==> flow/design.v <==
module core_mpy_rtl (aclk, reset, adv, i_arg0, i_arg1, i_start, o_prod);
    parameter DATA_WIDTH = 22;
    parameter GB = 2;
    input aclk;
    input reset;
    input adv;
    input [DATA_WIDTH-1:0] i_arg0;
    input [DATA_WIDTH-1:0] i_arg1;
    input i_start;
    output [2*DATA_WIDTH+GB-1:0] o_prod;
    reg [DATA_WIDTH-1:0] arg0_r;
    reg [DATA_WIDTH-1:0] arg1_r;
    reg start_r;
    wire [2*DATA_WIDTH-1:0] t;
    assign t = arg0_r * arg1_r;
    reg [2*DATA_WIDTH+GB-1:0] cnt;
    assign o_prod = cnt;
    always @(posedge aclk) begin
        if (reset) begin
            arg0_r <= 0;
            arg1_r <= 0;
            start_r <= 1'b0;
            cnt <= 0;
        end else if (adv) begin
            arg0_r <= i_arg0;
            arg1_r <= i_arg1;
            start_r <= i_start;
            cnt <= start_r ? t : cnt + t;
        end
    end
endmodule
# --- Step by step through the tools: core_mpy_rtl ---
# The steps from the RTL of core_mpy_rtl to its reports follow in flow order.
# Lines are those of the file above, counted from 1.
# Operators carry their Yosys type and port widths (W data, S select, Z words).
# Library cell names are shortened.
inputs:
  top_module: "core_mpy_rtl"
  clock: "aclk"
  cell_library: "sky130hd"
  corner: "tt_025C_1v80"

# --- Elaborated design ---
# Yosys after proc, flatten, opt, wreduce and memory -nomap, before mapping. Enables and synchronous resets that opt folds into registers are not counted as muxes. Memory bits, and registers merged into a memory's read port (data or address), are not among the register bits. Print and check cells are not counted. Equal cells are merged and count once.
op_classes:
  addsub: 1
  mul: 1
  muxes: 1
op_table:
  columns: ["operator", "n"]
  rows:
  - ["$mul A22 B22 Y44", 1]
  - ["$add A46 B44 Y46", 1]
  - ["$mux W46", 1]
bits:
  register_bits: 91
  inputBits: 48
  word_cells: 7

# --- Longest topological paths ---
# Longest topological path by Yosys (ltp), each cell counted once; first at word level (registers and memories cut), then after technology mapping (sequential cells cut; the memories' decode and read muxes count).
depth:
  word_depth: 3
  ABC_AREA: 1
  mapped_depth: 41
  ltp_nobuf: 40

# --- After synthesis ---
# Yosys stat after the flow's synthesis: flattened, memories mapped to cells. It holds for the ABC_AREA given above (unset counts as 0); a run with the other value may have another netlist.
# Totals and module areas in this step are rounded.
mapped:
  stdcells: 3535
  area_um2: 24000
  flip_flops: 91
  n_buf: 120
types:
  columns: ["type", "n"]
  rows:
  - ["fa_1", 398]
  - ["nand2_1", 1080]
  - ["inv_1", 898]
  - ["ha_1", 208]
  - ["dfxtp_1", 91]
  - ["nor2_1", 297]
  - ["nand3_1", 108]
  - ["a21oi_1", 94]
  - ["clkbuf_1", 112]
  - ["o21ai_0", 74]
  - ["xor2_1", 16]
  - ["o21bai_1", 16]
  - ["and2_1", 15]
  - ["xnor2_1", 10]
  - ["nand2_2", 12]
  - ["nor3_1", 14]
  - ["nor2_2", 11]
  - ["xor2_2", 4]
# Other cell types: 29; their cells: 77.

# --- Path before layout ---
# Source: OpenSTA report_checks on the synthesized netlist (no wires, ideal clock, input and output delay 20% of the period each), path of least setup slack; recovery checks are left aside. Register names are those of the netlist, which keeps one name where synthesis merged equal registers.
synth_timing:
  path_type: "reg-to-reg"
  startpoint: "reg arg1_r[7]"
  endpoint: "reg cnt[26]"
  period_ns: 10.2
  setup_time_ns: 0.128
  t_arrival_ns: 6.861
  slack_ns: 3.211
  delay_ns: 6.989
  path_stages: 32
  synth_period_reached_ns: 6.989
# "delay_ns" = arrival - input delay + setup time.
# "path_stages": output pins that drive a net of the path, with the launching flip-flop's if there is one; two outputs of one cell count as two.
# "synth_period_reached_ns" is the clock period less the worst setup slack; recovery checks do not enter. This is arithmetic on one report: input and output delays are still those of the set period (20% each).
# Between the ends stands the longest chain of elaborated cells between them, by number of cells; it is not shown to be the way that was timed. Of several equally long chains one is given.
# A line is the first line of the expression or statement that the cell stems from. Yosys adds cells for indexed reads and writes and turns some case tables into memories.
synth_via:
  cell_sequence: "dfxtp_1 clkbuf_1 nand2_1 fa_1 fa_1 fa_1 inv_1 fa_1 fa_1 fa_1 inv_1 fa_1 inv_1 ha_1 nand2_1 nor2_2 nand2_1 nor2_1 nand2_1 nand3_1 nor2_1 or2_2 ha_1 nand2_1 inv_1 a21oi_1 inv_1 a21oi_1 nand3_1 or2_0 a21oi_1 nor2_1"
  elab_chain_cells: 3
  cells_between: 3
  cone_lines: 2
  cone_classes: "add/sub: 1; mul: 1; mux: 1"
synth_lines:
  columns: ["element", "line", "text"]
  rows:
  - ["start, declared", 12, "reg [DATA_WIDTH-1:0] arg1_r;"]
  - ["start, assigned", 21, "arg1_r <= 0;"]
  - ["start, assigned", 26, "arg1_r <= i_arg1;"]
  - ["$mul A22 B22 Y44", 15, "assign t = arg0_r * arg1_r;"]
  - ["$add A46 B44 Y46", 28, "cnt <= start_r ? t : cnt + t;"]
  - ["$mux W46", 28, null]
  - ["end, assigned", 23, "cnt <= 0;"]
  - ["end, assigned", 28, null]
  - ["end, declared", 16, "reg [2*DATA_WIDTH+GB-1:0] cnt;"]

# --- Worst path after layout ---
# Path of least setup slack in the final report of record 1 (OpenROAD, finished layout, wires in). Where an end is a register, its clock arrival counts in the times.
layout_timing:
  path_type: "reg-to-reg"
  startpoint: "reg arg1_r[13]"
  endpoint: "reg cnt[44]"
  period_ns: 13.0
  setup_time_ns: 0.10
  t_arrival_ns: 9.24
  slack_ns: 4.08
  path_stages: 35
# Between the ends stands the longest chain of elaborated cells between them, by number of cells; it is not shown to be the way that was timed. Of several equally long chains one is given.
layout_via:
  cell_sequence: "dfxtp_1 nand2_1 fa_1 inv_1 fa_1 fa_1 fa_1 fa_1 fa_1 inv_1 fa_1 inv_1 ha_1 nand2_1 nor2_1 nand2_1 nor2_1 nand2_1 nand3_1 nand2_1 and2_1 ha_1 nand2_1 inv_1 nand2_1 nor2_1 inv_1 nor2_1 nor2_1 nand2_1 nand2_1 nand3_1 nand3_1 nand2_1 nor2_1"
  elab_chain_cells: 3
  cells_between: 3
  cone_lines: 2
  cone_classes: "add/sub: 1; mul: 1; mux: 1"
layout_lines:
  columns: ["element", "line", "text"]
  rows:
  - ["start, declared", 12, "reg [DATA_WIDTH-1:0] arg1_r;"]
  - ["start, assigned", 21, "arg1_r <= 0;"]
  - ["start, assigned", 26, "arg1_r <= i_arg1;"]
  - ["$mul A22 B22 Y44", 15, "assign t = arg0_r * arg1_r;"]
  - ["$add A46 B44 Y46", 28, "cnt <= start_r ? t : cnt + t;"]
  - ["$mux W46", 28, null]
  - ["end, assigned", 23, "cnt <= 0;"]
  - ["end, assigned", 28, null]
  - ["end, declared", 16, "reg [2*DATA_WIDTH+GB-1:0] cnt;"]

Wiki page: core_mpy_rtl / flow data

Below are 3 stored runs of the flow (Yosys, OpenROAD; platform sky130hd) on core_mpy_rtl, each with its settings and what was measured, unordered. Constraints: input delay and output delay 20% of the set period each, output load 0.01 pF.
By "period_less_ws_ns" is meant the clock period of the run minus its worst setup slack. This is arithmetic on one report: input and output delays are still those of the set period (20% each).
"critical_path_time_ns" = time allowed to the worst setup path (clock period - input delay - output delay, where it has them) - its slack; a late launch clock adds to it, a late capture clock takes from it.
"power_total_uw" rests on the timing tool's default activity at the inputs, not on a simulated workload.
The measured numbers are rounded.

--- record 1 ---
==> flow/run.sh <==
#!/bin/bash
# the make line also repeats the synthesis and layout settings of config.mk as NAME=value (left out here)
make -C /OpenROAD-flow-scripts/flow DESIGN_CONFIG=/design/flow/config.mk WORK_HOME=/design/flow/orfs CLKGATE_MAP_FILE= finish
==> flow/config.mk <==
export PLATFORM = sky130hd
export DESIGN_NAME = core_mpy_rtl
export DESIGN_NICKNAME = core_mpy_rtl
export VERILOG_FILES = /design/flow/design.v
export SDC_FILE = /design/flow/constraint.sdc
export NUM_CORES = 4
export LEC_CHECK = 0
export ABC_AREA = 1
export CAP_MARGIN = 20
export CELL_PAD_IN_SITES_DETAIL_PLACEMENT = 0
export CELL_PAD_IN_SITES_GLOBAL_PLACEMENT = 3
export CORE_ASPECT_RATIO = 1.69
export CORE_MARGIN = 4
export CORE_UTILIZATION = 25
export GPL_ROUTABILITY_DRIVEN = 1
export PLACE_DENSITY_LB_ADDON = 0.03
export SETUP_SLACK_MARGIN = 1.93
export SLEW_MARGIN = 20
==> flow/constraint.sdc <==
create_clock -name core_clock -period 13.0 [get_ports {aclk}]
set_input_delay 2.6000 -clock core_clock [delete_from_list [all_inputs] [get_ports {aclk}]]
set_output_delay 2.6000 -clock core_clock [all_outputs]
set_load 0.01 [all_outputs]

==> results, as YAML <==
results:
  die_footprint_um2: 101000
  post_route_util_frac: 0.281
  critical_path_time_ns: 8.92
  timing.worst_path_kind: "reg-to-reg"
  worst_setup_slack_ns: 4.08
  power_total_uw: 4050
  synth_chip_area_um2: 24000
  fin_tns_ns: 0.000
  holdWs_ns: 0.504
  period_less_ws_ns: 8.924
  final_stdcell_area_um2: 26700

--- record 2 ---
==> flow/run.sh <==
#!/bin/bash
# the make line also repeats the synthesis and layout settings of config.mk as NAME=value (left out here)
make -C /OpenROAD-flow-scripts/flow DESIGN_CONFIG=/design/flow/config.mk WORK_HOME=/design/flow/orfs CLKGATE_MAP_FILE= finish
==> flow/config.mk <==
export PLATFORM = sky130hd
export DESIGN_NAME = core_mpy_rtl
export DESIGN_NICKNAME = core_mpy_rtl
export VERILOG_FILES = /design/flow/design.v
export SDC_FILE = /design/flow/constraint.sdc
export NUM_CORES = 4
export LEC_CHECK = 0
export CAP_MARGIN = 20
export CORE_MARGIN = 2
export CORE_UTILIZATION = 40
export SLEW_MARGIN = 20
==> flow/constraint.sdc <==
create_clock -name core_clock -period 10.2 [get_ports {aclk}]
set_input_delay 2.0400 -clock core_clock [delete_from_list [all_inputs] [get_ports {aclk}]]
set_output_delay 2.0400 -clock core_clock [all_outputs]
set_load 0.01 [all_outputs]

==> results, as YAML <==
results:
  die_footprint_um2: 56300
  worst_setup_slack_ns: 0.802
  period_less_ws_ns: 9.398
  power_total_uw: 2480
  holdWs_ns: 0.510
  fin_tns_ns: 0.000
  critical_path_time_ns: 9.40
  timing.worst_path_kind: "reg-to-reg"
  synth_chip_area_um2: 21800
  final_stdcell_area_um2: 23600
  post_route_util_frac: 0.438

--- record 3 ---
==> flow/run.sh <==
#!/bin/bash
# the make line also repeats the synthesis and layout settings of config.mk as NAME=value (left out here)
make -C /OpenROAD-flow-scripts/flow DESIGN_CONFIG=/design/flow/config.mk WORK_HOME=/design/flow/orfs CLKGATE_MAP_FILE= finish
==> flow/config.mk <==
export PLATFORM = sky130hd
export DESIGN_NAME = core_mpy_rtl
export DESIGN_NICKNAME = core_mpy_rtl
export VERILOG_FILES = /design/flow/design.v
export SDC_FILE = /design/flow/constraint.sdc
export NUM_CORES = 4
export LEC_CHECK = 0
export ABC_AREA = 0
export CAP_MARGIN = 5
export CELL_PAD_IN_SITES_DETAIL_PLACEMENT = 1
export CORE_MARGIN = 8
export CORE_UTILIZATION = 43
export CTS_CLUSTER_DIAMETER = 185
export MAX_ROUTING_LAYER = met4
export PLACE_DENSITY = 0.8
export SLEW_MARGIN = 40
==> flow/constraint.sdc <==
create_clock -name core_clock -period 6.57 [get_ports {aclk}]
set_input_delay 1.3140 -clock core_clock [delete_from_list [all_inputs] [get_ports {aclk}]]
set_output_delay 1.3140 -clock core_clock [all_outputs]
set_load 0.01 [all_outputs]

==> results, as YAML <==
outcome: "not finished: routing ended with error GRT-0116"
